==> flow/design.v <==
module ex_add_core_p #(
    parameter integer DW = 14,
    parameter integer N = 3,
    parameter integer RES_W = DW + $clog2(N)
) (
    input  logic aclk,
    input  logic reset,
    input  logic [N*DW-1:0] in_in,
    output logic [RES_W-1:0] out_res
);
    wire [RES_W-1:0] nd [1:2*N-1];
    generate
        for (genvar gi = 0; gi < N; gi++) begin : row
            assign nd[N+gi] = in_in[gi*DW +: DW];
        end
        for (genvar gi = 1; gi < N; gi++) begin : each
            assign nd[gi] = nd[2*gi] + nd[2*gi+1];
        end
    endgenerate
    always_ff @(posedge aclk or posedge reset) begin
        if (reset) begin
            out_res <= '0;
        end else begin
            out_res <= nd[1];
        end
    end
endmodule
== Step by step through the tools: ex_add_core_p ==
What the tools print for ex_add_core_p, step after step.
Line numbers count from 1 in the design file above.
Library cell names are shortened.
The mark -- stands for no value.
Inputs
  top module: ex_add_core_p
  clock input: aclk
  library: sky130hd
  corner: tt_025C_1v80

== After elaboration ==
Source: Yosys, flattened and elaborated, memories not mapped. Widths are those after wreduce; folded enables and synchronous resets count as part of the registers. Registers that Yosys merges into a memory's read port (data or address) are not register bits. Print and check cells do not count. Equal cells are merged and count once.
Storage and ports
  elaborated cells: 3
  output and inout port bits: 16
  register bits: 16
Operators by class
  add/subtract/negate cells: 2
Operator list (count)
  16-bit by 14-bit adder with 16-bit output: 1
  14-bit by 14-bit adder with 15-bit output: 1

== Logic depth ==
Yosys ltp: most cells in a row. Word level: on the elaborated netlist, between registers, memories and ports. Mapped: between sequential cells and ports; inverters and the memories' decode and read muxes count.
Logic depth
  depth in word-level cells: 2
  ABC_AREA: 0
  depth in mapped cells: 16
  depth with buffers taken out: 16

== After synthesis ==
Yosys stat after the flow's synthesis: flattened, memories mapped to cells. It holds for the ABC_AREA given above (unset counts as 0); a run with the other value may have another netlist.
The area totals of this step are shown rounded.
Synthesis totals
  cell count: 180
  cell area after synthesis: 0.00166 mm^2
  area of sequential cells: 0.0004 mm^2
  mapped flip-flops: 16
Cell types
  dfrtp_1: count 16, total area 400.384 um^2
  ha_1: count 30, total area 375.36 um^2
  xnor2_1: count 16, total area 140.134 um^2
  a21oi_1: count 19, total area 95.091 um^2
  nor2_1: count 16, total area 60.058 um^2
  o21ai_0: count 9, total area 45.043 um^2
  xor2_1: count 5, total area 43.792 um^2
  fa_1: count 2, total area 40.038 um^2
  a21o_1: count 5, total area 37.536 um^2
  inv_1: count 10, total area 37.536 um^2
  o21a_1: count 5, total area 37.536 um^2
  nor2b_1: count 5, total area 31.28 um^2
  a2111o_1: count 2, total area 22.522 um^2
  a211oi_1: count 3, total area 22.522 um^2
  o211ai_1: count 3, total area 22.522 um^2
  o31ai_1: count 3, total area 22.522 um^2
  a41o_1: count 2, total area 20.019 um^2
  nor3_1: count 4, total area 20.019 um^2
Other cell types: 18; their cells: 25.

== Worst setup path after synthesis ==
OpenSTA on the mapped netlist: ideal clock, no wires. The path of least setup slack (recovery checks aside). Input and output delay are each 20% of the period. Register names are those of the netlist, which keeps one name where synthesis merged equal registers.
Timing after synthesis
  path kind: input to register
  start point: in in_in[14]
  end point: reg out_res[14]
  period: 4120 ps
  data arrival time: 3385 ps
  launch time at the first pin: 824 ps
  stages: 16
  path delay: 2640 ps
  data required time: 4041 ps
  path buffers: 0
  slack: 656 ps
  synthesis period reached: 3464 ps
"path delay" is the arrival time less input delay plus setup time.
"stages" counts driving pins, that of a launching flip-flop among them; a cell with two outputs on the path counts twice.
"synthesis period reached" = period - worst setup slack (recovery checks aside). The figure is calculated, with input and output delays left at 20% of the set period.
Between the ends stands the longest chain of elaborated cells between them, by number of cells; it is not shown to be the way that was timed. Of several equally long chains one is given.
A line is the first line of the expression or statement that the cell stems from. Yosys adds cells for indexed reads and writes and turns some case tables into memories.
Between the ends, after synthesis
  path through: ha_1 > inv_1 > fa_1 > nor2b_1 > o31a_1 > o2111ai_2 > a21boi_2 > or4_1 > nand3_1 > ha_1 > inv_1 > o21ai_0 > a21o_1 > a41o_1 > o31ai_1 > xor2_1
  length of the longest elaborated chain: 2
  elaborated cells between the ends (all ways): 2
  RTL lines with such cells: 1
  classes of those cells: 2 x add/sub
Ends and longest elaborated chain, after synthesis
  start, declared: line 8  | input  logic [N*DW-1:0] in_in,
  14-bit by 14-bit adder with 15-bit output: line 17  | assign nd[gi] = nd[2*gi] + nd[2*gi+1];
  16-bit by 14-bit adder with 16-bit output: line 17
  end, assigned: line 22  | out_res <= '0;
  end, assigned: line 24  | out_res <= nd[1];
  end, declared: line 9  | output logic [RES_W-1:0] out_res

== Timing after layout ==
Path of least setup slack in the final report of run 1 (OpenROAD, finished layout, wires in). Where an end is a register, its clock arrival counts in the times.
The report prints the path's times to 10 ps; the period is as set.
Timing post-layout
  path kind: input to register
  start point: in in_in[14]
  end point: reg out_res[12]
  period: 6330 ps
  launch time at the first pin: 1270 ps
  stages: 16
  data required time: 6480 ps
  slack: 1700 ps
  path buffers: 1
  data arrival time: 4780 ps
Between the ends stands the longest chain of elaborated cells between them, by number of cells; it is not shown to be the way that was timed. Of several equally long chains one is given.
Between the ends, post-layout
  path through: clkdlybuf4s50_1 > ha_1 > inv_1 > fa_1 > nor2b_1 > o31a_1 > o21a_1 > nor2_1 > xnor2_1 > ha_1 > o21a_1 > o21ai_0 > a21o_1 > a21oi_1 > o41ai_2 > xnor2_1
  length of the longest elaborated chain: 2
  elaborated cells between the ends (all ways): 2
  RTL lines with such cells: 1
  classes of those cells: 2 x add/sub
Ends and longest elaborated chain, post-layout
  start, declared: line 8  | input  logic [N*DW-1:0] in_in,
  14-bit by 14-bit adder with 15-bit output: line 17  | assign nd[gi] = nd[2*gi] + nd[2*gi+1];
  16-bit by 14-bit adder with 16-bit output: line 17
  end, assigned: line 22  | out_res <= '0;
  end, assigned: line 24  | out_res <= nd[1];
  end, declared: line 9  | output logic [RES_W-1:0] out_res

==> runs of ex_add_core_p <==
Measured data: module ex_add_core_p, platform sky130hd, 3 stored runs of the flow under differing settings, order arbitrary. Input and output delays are each 20% of the period that was set; the output load is 0.01 pF.
By "worst setup path time" is meant the share of the clock period that the worst setup path is allowed (20% is reserved at inputs, 20% at outputs), minus its slack. Clock arrival times at its registers enter into it.
"power" rests on the timing tool's default activity at the inputs, not on a simulated workload.
"worst setup path time" is known to 10 ps.
Measured values are rounded.

Run 1
==> flow/run.sh <==
#!/bin/bash
# the make line also repeats the synthesis and layout settings of config.mk as NAME=value (left out here)
make -C /OpenROAD-flow-scripts/flow DESIGN_CONFIG=/design/flow/config.mk WORK_HOME=/design/flow/orfs CLKGATE_MAP_FILE= finish
==> flow/config.mk <==
export PLATFORM = sky130hd
export DESIGN_NAME = ex_add_core_p
export DESIGN_NICKNAME = ex_add_core_p
export VERILOG_FILES = /design/flow/design.v
export SDC_FILE = /design/flow/constraint.sdc
export NUM_CORES = 4
export LEC_CHECK = 0
export CAP_MARGIN = 20
export CELL_PAD_IN_SITES_DETAIL_PLACEMENT = 2
export CORE_ASPECT_RATIO = 1.56
export CORE_MARGIN = 2
export CORE_UTILIZATION = 30
export CTS_CLUSTER_DIAMETER = 93
export CTS_CLUSTER_SIZE = 22
export GPL_TIMING_DRIVEN = 1
export PLACE_DENSITY_LB_ADDON = 0.22
export SETUP_SLACK_MARGIN = 0.32
export SLEW_MARGIN = 20
==> flow/constraint.sdc <==
create_clock -name core_clock -period 6.33 [get_ports {aclk}]
set_input_delay 1.2660 -clock core_clock [delete_from_list [all_inputs] [get_ports {aclk}]]
set_output_delay 1.2660 -clock core_clock [all_outputs]
set_load 0.01 [all_outputs]

==> results of run 1 <==
chip area after synthesis (Yosys): 0.00166 mm^2
die area: 0.00615 mm^2
standard-cell area of the final layout: 0.00238 mm^2
utilization: 0.45
worst setup slack after layout: 1,700 ps
power: 0.608 mW
worst setup path time: 3,360 ps
worst setup path kind: input to register

Run 2
==> flow/run.sh <==
#!/bin/bash
# the make line also repeats the synthesis and layout settings of config.mk as NAME=value (left out here)
make -C /OpenROAD-flow-scripts/flow DESIGN_CONFIG=/design/flow/config.mk WORK_HOME=/design/flow/orfs CLKGATE_MAP_FILE= finish
==> flow/config.mk <==
export PLATFORM = sky130hd
export DESIGN_NAME = ex_add_core_p
export DESIGN_NICKNAME = ex_add_core_p
export VERILOG_FILES = /design/flow/design.v
export SDC_FILE = /design/flow/constraint.sdc
export NUM_CORES = 4
export LEC_CHECK = 0
export CAP_MARGIN = 20
export CORE_MARGIN = 2
export CORE_UTILIZATION = 40
export SLEW_MARGIN = 20
==> flow/constraint.sdc <==
create_clock -name core_clock -period 4.12 [get_ports {aclk}]
set_input_delay 0.8240 -clock core_clock [delete_from_list [all_inputs] [get_ports {aclk}]]
set_output_delay 0.8240 -clock core_clock [all_outputs]
set_load 0.01 [all_outputs]

==> results of run 2 <==
chip area after synthesis (Yosys): 0.00166 mm^2
die area: 0.00468 mm^2
standard-cell area of the final layout: 0.00243 mm^2
utilization: 0.608
worst setup slack after layout: 215 ps
power: 0.946 mW
worst setup path time: 3,080 ps
worst setup path kind: input to register

Run 3
==> flow/run.sh <==
#!/bin/bash
# the make line also repeats the synthesis and layout settings of config.mk as NAME=value (left out here)
make -C /OpenROAD-flow-scripts/flow DESIGN_CONFIG=/design/flow/config.mk WORK_HOME=/design/flow/orfs CLKGATE_MAP_FILE= finish
==> flow/config.mk <==
export PLATFORM = sky130hd
export DESIGN_NAME = ex_add_core_p
export DESIGN_NICKNAME = ex_add_core_p
export VERILOG_FILES = /design/flow/design.v
export SDC_FILE = /design/flow/constraint.sdc
export NUM_CORES = 4
export LEC_CHECK = 0
export ABC_AREA = 1
export CAP_MARGIN = 25
export CORE_MARGIN = 10
export CORE_UTILIZATION = 51
export CTS_CLUSTER_DIAMETER = 67
export CTS_CLUSTER_SIZE = 64
export GPL_ROUTABILITY_DRIVEN = 0
export HOLD_SLACK_MARGIN = 0.14
export PLACE_DENSITY_LB_ADDON = 0.1
export SETUP_SLACK_MARGIN = -0.2
export SLEW_MARGIN = 35
export TNS_END_PERCENT = 45
==> flow/constraint.sdc <==
create_clock -name core_clock -period 5.67 [get_ports {aclk}]
set_input_delay 1.1340 -clock core_clock [delete_from_list [all_inputs] [get_ports {aclk}]]
set_output_delay 1.1340 -clock core_clock [all_outputs]
set_load 0.01 [all_outputs]

==> results of run 3 <==
chip area after synthesis (Yosys): 0.00207 mm^2
die area: 0.00701 mm^2
standard-cell area of the final layout: 0.00277 mm^2
utilization: 0.696
worst setup slack after layout: 1,820 ps
power: 0.689 mW
worst setup path time: 2,710 ps
worst setup path kind: input to register
